==> flow/design.v <==
module u_arith_add_stage (aclk, valid, bus, init, q);
  parameter integer DATA_W = 6;
  parameter integer EXT = 4;
  input aclk;
  input valid;
  input [DATA_W-1:0] bus;
  input init;
  output [DATA_W+EXT-1:0] q;
  reg [DATA_W-1:0] bus_q;
  reg init_q;
  reg [DATA_W+EXT-1:0] state;
  assign q = state;
  always @(posedge aclk) begin
    if (valid) begin
      bus_q <= bus;
      init_q <= init;
      state <= init_q ? bus_q : state + bus_q;
    end
  end
endmodule
Tool chain data of u_arith_add_stage
The steps from the RTL of u_arith_add_stage to its reports follow in flow order.
Lines are those of the file above, counted from 1.
Operators: Yosys type, input widths -> output width; for muxes data width and select width s.
Library cell names are shortened.
{ "setup": {"design": "u_arith_add_stage", "clk_port": "aclk", "lib": "sky130hd", "lib_corner": "tt_025C_1v80"} }

Word level
Yosys after proc, flatten, opt, wreduce and memory -nomap, before mapping. Enables and synchronous resets that opt folds into registers are not counted as muxes. Memory bits, and registers merged into a memory's read port (data or address), are not among the register bits. Print and check cells are not counted. Equal cells are merged and count once.
{ "bits": {"input_bits": 9, "regBits": 17} }
{ "classes": {"addsub": 1, "muxes": 1} }
{ "op_table": {"columns": ["operator", "n"], "rows": [
  ["$add 10x6->10", 1],
  ["$mux 6", 1]
]} }

Logic depth
Depth = most cells in a row (Yosys ltp): at word level without a register or memory, in the mapped netlist without a sequential cell, where the memories' decode and read muxes count.
{ "logic_depth": {"word_depth": 2, "abc_area": 0, "mapped_depth": 8, "depth_no_buf": 8} }

Synthesis result
The flow's flattened synthesis, as Yosys stat reports it; memories are mapped. The netlist is that of the ABC_AREA named above (0 if unset); the other value can give another one.
Totals and module areas in this step are rounded.
{ "synth_totals": {"flip_flops": 17, "area_mm2": 0.00091, "n_buf": 1, "cells": 73} }
{ "types": {"columns": ["cell_type", "n", "type_area_um2"], "rows": [
  ["edfxtp_1", 17, 510.49],
  ["ha_1", 6, 75.072],
  ["xor2_1", 6, 52.55],
  ["o21ai_0", 6, 30.029],
  ["nor2_1", 7, 26.275],
  ["o21a_1", 3, 22.522],
  ["fa_1", 1, 20.019],
  ["a211oi_1", 2, 15.014],
  ["a21o_1", 2, 15.014],
  ["nand2_1", 4, 15.014],
  ["nor3_1", 3, 15.014],
  ["nor2b_4", 1, 13.763],
  ["o31ai_2", 1, 12.512],
  ["inv_1", 3, 11.261],
  ["mux2_2", 1, 11.261],
  ["a21oi_1", 2, 10.01],
  ["mux2i_1", 1, 10.01],
  ["nand3_1", 2, 10.01]
]} }
Not listed: further types 5, cells in them 5.

Timing after synthesis
Path of least setup slack by OpenSTA after synthesis, without wires, with an ideal clock, recovery checks aside; 20% of the period is set as input and as output delay. Where synthesis merged equal registers, the netlist keeps one of their names.
{ "synth_timing": {"path_kind": "reg-to-reg", "from": "register state[0]", "to": "register state[6]", "path_delay_ns": 1.944, "tclk_ns": 2.43, "arrival_ns": 1.677, "setup_slack_ns": 0.486, "setup_ns": 0.267, "path_stages": 9, "launch_ns": 0.000, "synth_period_reached_ns": 1.944} }
"path_delay_ns" is the arrival time less input delay plus setup time.
"path_stages": output pins that drive a net of the path, with the launching flip-flop's if there is one; two outputs of one cell count as two.
"synth_period_reached_ns" is the clock period less the worst setup slack; recovery checks do not enter. This is arithmetic on one report: input and output delays are still those of the set period (20% each).
Between the ends stands the longest chain of elaborated cells between them, by number of cells; it is not shown to be the way that was timed. Of several equally long chains one is given.
A line is the first line of the expression or statement that the cell stems from. Yosys adds cells for indexed reads and writes and turns some case tables into memories.
{ "synth_via": {"cell_sequence": "edfxtp_1 > ha_1 > inv_1 > fa_1 > nor2b_4 > o31a_1 > o21a_1 > nor3_1 > nor3_2", "elab_chain_len": 1, "cells_between": 1, "classes_between": "add/sub (1)"} }
{ "synth_rtl": {"columns": ["item", "line", "rtl"], "rows": [
  ["start, declared", 11, "reg [DATA_W+EXT-1:0] state;"],
  ["start, assigned", 17, "state <= init_q ? bus_q : state + bus_q;"],
  ["$add 10x6->10", 17, null],
  ["end, assigned", 17, null],
  ["end, declared", 11, null]
]} }

Path in the finished layout
Path of least setup slack in the final report of job 1 (OpenROAD, finished layout, wires in). Where an end is a register, its clock arrival counts in the times.
{ "layout_timing": {"path_kind": "reg-to-reg", "from": "register state[0]", "to": "register state[6]", "setup_slack_ns": 0.28, "arrival_ns": 2.20, "tclk_ns": 2.44, "setup_ns": 0.25, "path_stages": 9, "launch_ns": 0.28} }
Between the ends stands the longest chain of elaborated cells between them, by number of cells; it is not shown to be the way that was timed. Of several equally long chains one is given.
{ "layout_via": {"cell_sequence": "edfxtp_1 > ha_1 > inv_1 > fa_1 > nor2b_4 > o31a_1 > o21a_1 > nor3_1 > nor3_2", "elab_chain_len": 1, "cells_between": 1, "classes_between": "add/sub (1)"} }
{ "layout_rtl": {"columns": ["item", "line", "rtl"], "rows": [
  ["start, declared", 11, "reg [DATA_W+EXT-1:0] state;"],
  ["start, assigned", 17, "state <= init_q ? bus_q : state + bus_q;"],
  ["$add 10x6->10", 17, null],
  ["end, assigned", 17, null],
  ["end, declared", 11, null]
]} }

Subject: u_arith_add_stage on sky130hd, stored results

Hello all,

Measured results for u_arith_add_stage: 3 stored runs of the Yosys and OpenROAD flow on sky130hd. The settings differ; the order carries no meaning. The constraints put input and output delay at 20% of the set period each and load the outputs with 0.01 pF.
"period_less_ws_ns" = clock period - worst setup slack. The figure is calculated, with input and output delays left at 20% of the set period.
By "critical_path_time_ns" is meant the share of the clock period that the worst setup path is allowed (20% is reserved at inputs, 20% at outputs), minus its slack. Clock arrival times at its registers enter into it.
"totalPower_w": no workload was simulated; the value follows from the tool's default switching activity.
Results are given in rounded form.

Job 1
==> flow/run.sh <==
#!/bin/bash
# the make line also repeats the synthesis and layout settings of config.mk as NAME=value (left out here)
make -C /OpenROAD-flow-scripts/flow DESIGN_CONFIG=/design/flow/config.mk WORK_HOME=/design/flow/orfs CLKGATE_MAP_FILE= finish
==> flow/config.mk <==
export PLATFORM = sky130hd
export DESIGN_NAME = u_arith_add_stage
export DESIGN_NICKNAME = u_arith_add_stage
export VERILOG_FILES = /design/flow/design.v
export SDC_FILE = /design/flow/constraint.sdc
export NUM_CORES = 4
export LEC_CHECK = 0
export CAP_MARGIN = 20
export CELL_PAD_IN_SITES_DETAIL_PLACEMENT = 1
export CORE_MARGIN = 4
export CORE_UTILIZATION = 39
export CTS_CLUSTER_SIZE = 59
export GPL_ROUTABILITY_DRIVEN = 1
export GPL_TIMING_DRIVEN = 0
export PLACE_DENSITY = 0.79
export SLEW_MARGIN = 20
==> flow/constraint.sdc <==
create_clock -name core_clock -period 2.44 [get_ports {aclk}]
set_input_delay 0.4880 -clock core_clock [delete_from_list [all_inputs] [get_ports {aclk}]]
set_output_delay 0.4880 -clock core_clock [all_outputs]
set_load 0.01 [all_outputs]

==> results of job 1, as JSON <==
{
  "finalUtil_frac": 0.52,
  "totalPower_w": 0.00079,
  "total_negative_slack_ns": 0.000,
  "yosys.chip_area_mm2": 0.00091,
  "worstSetupSlack_ns": 0.28,
  "hold_worst_slack_ns": 0.61,
  "period_less_ws_ns": 2.162,
  "total_die_area_mm2": 0.0032,
  "critical_path_time_ns": 2.16,
  "critical_path_type": "reg-to-reg"
}

Job 2
==> flow/run.sh <==
#!/bin/bash
# the make line also repeats the synthesis and layout settings of config.mk as NAME=value (left out here)
make -C /OpenROAD-flow-scripts/flow DESIGN_CONFIG=/design/flow/config.mk WORK_HOME=/design/flow/orfs CLKGATE_MAP_FILE= finish
==> flow/config.mk <==
export PLATFORM = sky130hd
export DESIGN_NAME = u_arith_add_stage
export DESIGN_NICKNAME = u_arith_add_stage
export VERILOG_FILES = /design/flow/design.v
export SDC_FILE = /design/flow/constraint.sdc
export NUM_CORES = 4
export LEC_CHECK = 0
export ABC_AREA = 1
export CAP_MARGIN = 20
export CORE_MARGIN = 2
export CORE_UTILIZATION = 38
export MIN_ROUTING_LAYER = met1
export PLACE_DENSITY = 0.85
export SETUP_SLACK_MARGIN = 0.21
export SLEW_MARGIN = 20
==> flow/constraint.sdc <==
create_clock -name core_clock -period 3.26 [get_ports {aclk}]
set_input_delay 0.6520 -clock core_clock [delete_from_list [all_inputs] [get_ports {aclk}]]
set_output_delay 0.6520 -clock core_clock [all_outputs]
set_load 0.01 [all_outputs]

==> results of job 2, as JSON <==
{
  "finalUtil_frac": 0.5,
  "worstSetupSlack_ns": 1.3,
  "yosys.chip_area_mm2": 0.001,
  "total_negative_slack_ns": 0.000,
  "hold_worst_slack_ns": 0.57,
  "critical_path_time_ns": 1.33,
  "critical_path_type": "reg-to-output",
  "totalPower_w": 0.00058,
  "total_die_area_mm2": 0.0031,
  "period_less_ws_ns": 1.978
}

Job 3
==> flow/run.sh <==
#!/bin/bash
# the make line also repeats the synthesis and layout settings of config.mk as NAME=value (left out here)
make -C /OpenROAD-flow-scripts/flow DESIGN_CONFIG=/design/flow/config.mk WORK_HOME=/design/flow/orfs CLKGATE_MAP_FILE= finish
==> flow/config.mk <==
export PLATFORM = sky130hd
export DESIGN_NAME = u_arith_add_stage
export DESIGN_NICKNAME = u_arith_add_stage
export VERILOG_FILES = /design/flow/design.v
export SDC_FILE = /design/flow/constraint.sdc
export NUM_CORES = 4
export LEC_CHECK = 0
export CAP_MARGIN = 20
export CORE_MARGIN = 2
export CORE_UTILIZATION = 40
export SLEW_MARGIN = 20
==> flow/constraint.sdc <==
create_clock -name core_clock -period 2.43 [get_ports {aclk}]
set_input_delay 0.4860 -clock core_clock [delete_from_list [all_inputs] [get_ports {aclk}]]
set_output_delay 0.4860 -clock core_clock [all_outputs]
set_load 0.01 [all_outputs]

==> results of job 3, as JSON <==
{
  "finalUtil_frac": 0.53,
  "total_die_area_mm2": 0.0027,
  "total_negative_slack_ns": 0.000,
  "worstSetupSlack_ns": 0.43,
  "critical_path_time_ns": 2.00,
  "critical_path_type": "reg-to-reg",
  "hold_worst_slack_ns": 0.57,
  "totalPower_w": 0.00077,
  "period_less_ws_ns": 2.001,
  "yosys.chip_area_mm2": 0.00091
}

Thanks
